==> flow/design.v <==
module gen_mult_p #(
  parameter integer BITS = 22
) (
  input  wire clock,
  input  wire srst,
  input  wire step,
  input  wire [BITS-1:0] in0_i,
  input  wire [BITS-1:0] in1_i,
  input  wire [2*BITS-1:0] in2_i,
  output reg [2*BITS:0] p_o
);
  always @(posedge clock) begin
    if (srst) begin
      p_o <= 0;
    end else if (step) begin
      p_o <= in0_i * in1_i + in2_i;
    end
  end
endmodule
Tool chain data of gen_mult_p
What the tools print for gen_mult_p, step after step.
Line numbers count from 1 in the design file above.
A cell with -- has no value.
Inputs
  design top: gen_mult_p
  clock: clock
  standard-cell library: sky130hd
  corner: tt_025C_1v80

After elaboration
Source: Yosys, flattened and elaborated, memories not mapped. Widths are those after wreduce; folded enables and synchronous resets count as part of the registers. Registers that Yosys merges into a memory's read port (data or address) are not register bits. Print and check cells do not count. Equal cells are merged and count once.
Storage and ports
  flip-flop bits (word level): 45
  latch bits: 0
  RAM bits: 0
  bits in read-only memories: 0
  clocked read ports x word width: 0
  memory cells: 0
  input port bits: 91
  output and inout bits: 45
  elaborated cells: 3
Cells by class
  add/sub/neg operators: 1
  $mul: 1
  div/mod/pow operators: 0
  $lt $le $gt $ge: 0
  equal/unequal tests: 0
  shift-type cells: 0
  multiplexer cells: 0
  bitwise operators: 0
  reductions and logical operators: 0
Operator list (number)
  22-bit by 22-bit multiplier with 44-bit output: 1
  44-bit by 44-bit adder with 45-bit output: 1

Longest topological paths
Yosys ltp: most cells in a row. Word level: on the elaborated netlist, between registers, memories and ports. Mapped: between sequential cells and ports; inverters and the memories' decode and read muxes count.
Logic depth
  word-level depth: 2
  ABC_AREA: 0
  depth in mapped cells: 26

After synthesis
Source: synth_stat.txt of the flow (Yosys; design flattened, memories mapped). It holds for the ABC_AREA given above (unset counts as 0); a run with the other value may have another netlist.
Totals and module areas in this step are rounded.
Synthesis totals
  cells in the netlist: 2133
  cell area after synthesis: 0.0189 mm²
  sequential area: 0.000901 mm²
  flip-flop cells: 45
  buffer cells: 110
Cell types
  sky130_fd_sc_hd__fa_1: number 441, area in all 8.83E+03 µm²
  sky130_fd_sc_hd__ha_1: number 159, area in all 1.99E+03 µm²
  sky130_fd_sc_hd__inv_1: number 496, area in all 1.86E+03 µm²
  sky130_fd_sc_hd__and2_1: number 219, area in all 1.37E+03 µm²
  sky130_fd_sc_hd__nand2_1: number 325, area in all 1219.92 µm²
  sky130_fd_sc_hd__dfxtp_1: number 45, area in all 900.864 µm²
  sky130_fd_sc_hd__clkbuf_1: number 97, area in all 364.099 µm²
  sky130_fd_sc_hd__a21oi_1: number 53, area in all 265.254 µm²
  sky130_fd_sc_hd__mux2i_1: number 22, area in all 220.211 µm²
  sky130_fd_sc_hd__nor2_1: number 54, area in all 202.694 µm²
  sky130_fd_sc_hd__xnor2_1: number 21, area in all 183.926 µm²
  sky130_fd_sc_hd__o21ai_0: number 36, area in all 180.173 µm²
  sky130_fd_sc_hd__a21o_1: number 13, area in all 97.594 µm²
  sky130_fd_sc_hd__xor2_1: number 8, area in all 70.067 µm²
  sky130_fd_sc_hd__o21a_1: number 9, area in all 67.565 µm²
  sky130_fd_sc_hd__o21bai_1: number 9, area in all 67.565 µm²
  sky130_fd_sc_hd__nand4_1: number 10, area in all 62.56 µm²
  sky130_fd_sc_hd__a211oi_1: number 8, area in all 60.058 µm²
Not listed: further types 51, cells in them 108.

Timing after synthesis
Path of least setup slack by OpenSTA after synthesis, without wires, with an ideal clock, recovery checks aside; 20% of the period is set as input and as output delay. Where synthesis merged equal registers, the netlist keeps one of their names.
Path after synthesis
  kind: input -> register
  from: in in0_i[13]
  to: reg p_o[38]
  clock period: 9.24 ns
  launch time at the first pin: 1.848 ns
  data arrival time: 7.643 ns
  slack: 1.480 ns
  delay of the path: 5.912 ns
  stages: 22
  buffers on the path: 2
  period reached after synthesis: 7.76 ns
"delay of the path" is the arrival time less input delay plus setup time.
"stages" counts driving pins, that of a launching flip-flop among them; a cell with two outputs on the path counts twice.
"period reached after synthesis" = period - worst setup slack (recovery checks aside). The figure is calculated, with input and output delays left at 20% of the set period.
The rows between start and end are the longest chain of elaborated cells between them; the timing report does not say that the signal goes this way. Where chains are equally long, one stands for them.
A line is the first line of the expression or statement that the cell stems from. Yosys adds cells for indexed reads and writes and turns some case tables into memories.
On the way, after synthesis
  cells stage by stage: sky130_fd_sc_hd__clkbuf_1 > sky130_fd_sc_hd__nand2_1 > sky130_fd_sc_hd__fa_1 > sky130_fd_sc_hd__fa_1 > sky130_fd_sc_hd__fa_1 > sky130_fd_sc_hd__inv_1 > sky130_fd_sc_hd__fa_1 > sky130_fd_sc_hd__inv_1 > sky130_fd_sc_hd__fa_1 > sky130_fd_sc_hd__inv_1 > sky130_fd_sc_hd__fa_1 > sky130_fd_sc_hd__fa_1 > sky130_fd_sc_hd__ha_1 > sky130_fd_sc_hd__buf_6 > sky130_fd_sc_hd__a21oi_1 > sky130_fd_sc_hd__o21bai_1 > sky130_fd_sc_hd__a21oi_2 > sky130_fd_sc_hd__o211ai_2 > sky130_fd_sc_hd__o2111ai_2 > sky130_fd_sc_hd__a211oi_1 > sky130_fd_sc_hd__or3_1 > sky130_fd_sc_hd__a32o_1
  cells in the longest elaborated chain: 2
Ends and longest elaborated chain, after synthesis
  from (decl): line 7  | input  wire [BITS-1:0] in0_i,
  22-bit by 22-bit multiplier with 44-bit output: line 16  | p_o <= in0_i * in1_i + in2_i;
  44-bit by 44-bit adder with 45-bit output: line 16
  to (assign): line 14  | p_o <= 0;
  to (assign): line 16
  to (decl): line 10  | output reg [2*BITS:0] p_o

Path in the finished layout
Path of least setup slack in the final report of flow run 1 (OpenROAD, finished layout, wires in). Where an end is a register, its clock arrival counts in the times.
Path post-layout
  kind: input -> register
  from: in in1_i[15]
  to: reg p_o[41]
  clock period: 9.24 ns
  launch time at the first pin: 1.85 ns
  data arrival time: 8.87 ns
  slack: 0.56 ns
  stages: 21
  buffers on the path: 1
The rows between start and end are the longest chain of elaborated cells between them; the timing report does not say that the signal goes this way. Where chains are equally long, one stands for them.
On the way, post-layout
  cells stage by stage: sky130_fd_sc_hd__clkdlybuf4s50_1 > sky130_fd_sc_hd__nand2_1 > sky130_fd_sc_hd__fa_1 > sky130_fd_sc_hd__inv_1 > sky130_fd_sc_hd__fa_1 > sky130_fd_sc_hd__fa_1 > sky130_fd_sc_hd__fa_1 > sky130_fd_sc_hd__fa_1 > sky130_fd_sc_hd__fa_1 > sky130_fd_sc_hd__inv_1 > sky130_fd_sc_hd__fa_1 > sky130_fd_sc_hd__inv_1 > sky130_fd_sc_hd__ha_1 > sky130_fd_sc_hd__a21oi_1 > sky130_fd_sc_hd__o21a_1 > sky130_fd_sc_hd__o21bai_1 > sky130_fd_sc_hd__o21bai_1 > sky130_fd_sc_hd__a21boi_1 > sky130_fd_sc_hd__a21oi_1 > sky130_fd_sc_hd__or3_1 > sky130_fd_sc_hd__a32o_1
  cells in the longest elaborated chain: 2
Ends and longest elaborated chain, post-layout
  from (decl): line 8  | input  wire [BITS-1:0] in1_i,
  22-bit by 22-bit multiplier with 44-bit output: line 16  | p_o <= in0_i * in1_i + in2_i;
  44-bit by 44-bit adder with 45-bit output: line 16
  to (assign): line 14  | p_o <= 0;
  to (assign): line 16
  to (decl): line 10  | output reg [2*BITS:0] p_o

Memo
Re: implementation data of gen_mult_p

Module gen_mult_p, platform sky130hd: 3 stored runs of the flow (Yosys, OpenROAD) with differing settings, in no particular order. Input and output delays are each 20% of the period that was set; the output load is 0.01 pF.
"period reached" means the clock period less the worst setup slack. The figure is calculated, with input and output delays left at 20% of the set period.
"critical setup path time" means the part of the period allowed to the worst setup path (the constraints hold back 20% at inputs and 20% at outputs) less its slack; where the path has registers, the arrival times of their clocks count too.
The results are shown rounded.

==> flow run 1: settings <==
{ "period_ns": 9.24, "CAP_MARGIN": 20, "CORE_MARGIN": 2, "CORE_UTILIZATION": 40, "SLEW_MARGIN": 20 }
==> flow run 1: results <==
Yosys chip area after synthesis: 0.0189 mm²
die size: 0.049 mm²
standard-cell area after layout: 0.0213 mm²
final design utilization: 0.458
setup slack of the critical path: 0.556 ns
total negative setup slack: 0.000 ns
smallest hold slack: 0.457 ns
period reached: 8.684 ns
critical setup path time: 6.84 ns
type of the worst setup path: input -> register

==> flow run 2: settings <==
{ "period_ns": 8.76, "CORE_UTILIZATION": 17, "SETUP_SLACK_MARGIN": 0.75, "CORE_ASPECT_RATIO": 0.92, "CELL_PAD_IN_SITES_GLOBAL_PLACEMENT": 0, "ABC_AREA": 0, "GPL_ROUTABILITY_DRIVEN": 1, "CTS_CLUSTER_SIZE": 25, "CTS_CLUSTER_DIAMETER": 346, "MIN_ROUTING_LAYER": "met2", "CAP_MARGIN": 20, "CORE_MARGIN": 2, "SLEW_MARGIN": 20 }
==> flow run 2: results <==
Yosys chip area after synthesis: 0.0189 mm²
die size: 0.114 mm²
standard-cell area after layout: 0.0243 mm²
final design utilization: 0.22
setup slack of the critical path: 0.805 ns
total negative setup slack: 0.000 ns
smallest hold slack: 0.446 ns
period reached: 7.955 ns
critical setup path time: 6.20 ns
type of the worst setup path: input -> register

==> flow run 3: settings <==
{ "period_ns": 12.4, "CORE_UTILIZATION": 28, "PLACE_DENSITY_LB_ADDON": 0.22, "HOLD_SLACK_MARGIN": 0.19, "CORE_ASPECT_RATIO": 0.59, "CORE_MARGIN": 5, "CELL_PAD_IN_SITES_DETAIL_PLACEMENT": 0, "GPL_ROUTABILITY_DRIVEN": 1, "SLEW_MARGIN": 5, "MAX_ROUTING_LAYER": "met5", "CAP_MARGIN": 20 }
==> flow run 3: results <==
Yosys chip area after synthesis: 0.0189 mm²
die size: 0.073 mm²
standard-cell area after layout: 0.0214 mm²
final design utilization: 0.319
setup slack of the critical path: 2.53 ns
total negative setup slack: 0.000 ns
smallest hold slack: 0.463 ns
period reached: 9.875 ns
critical setup path time: 7.39 ns
type of the worst setup path: input -> register
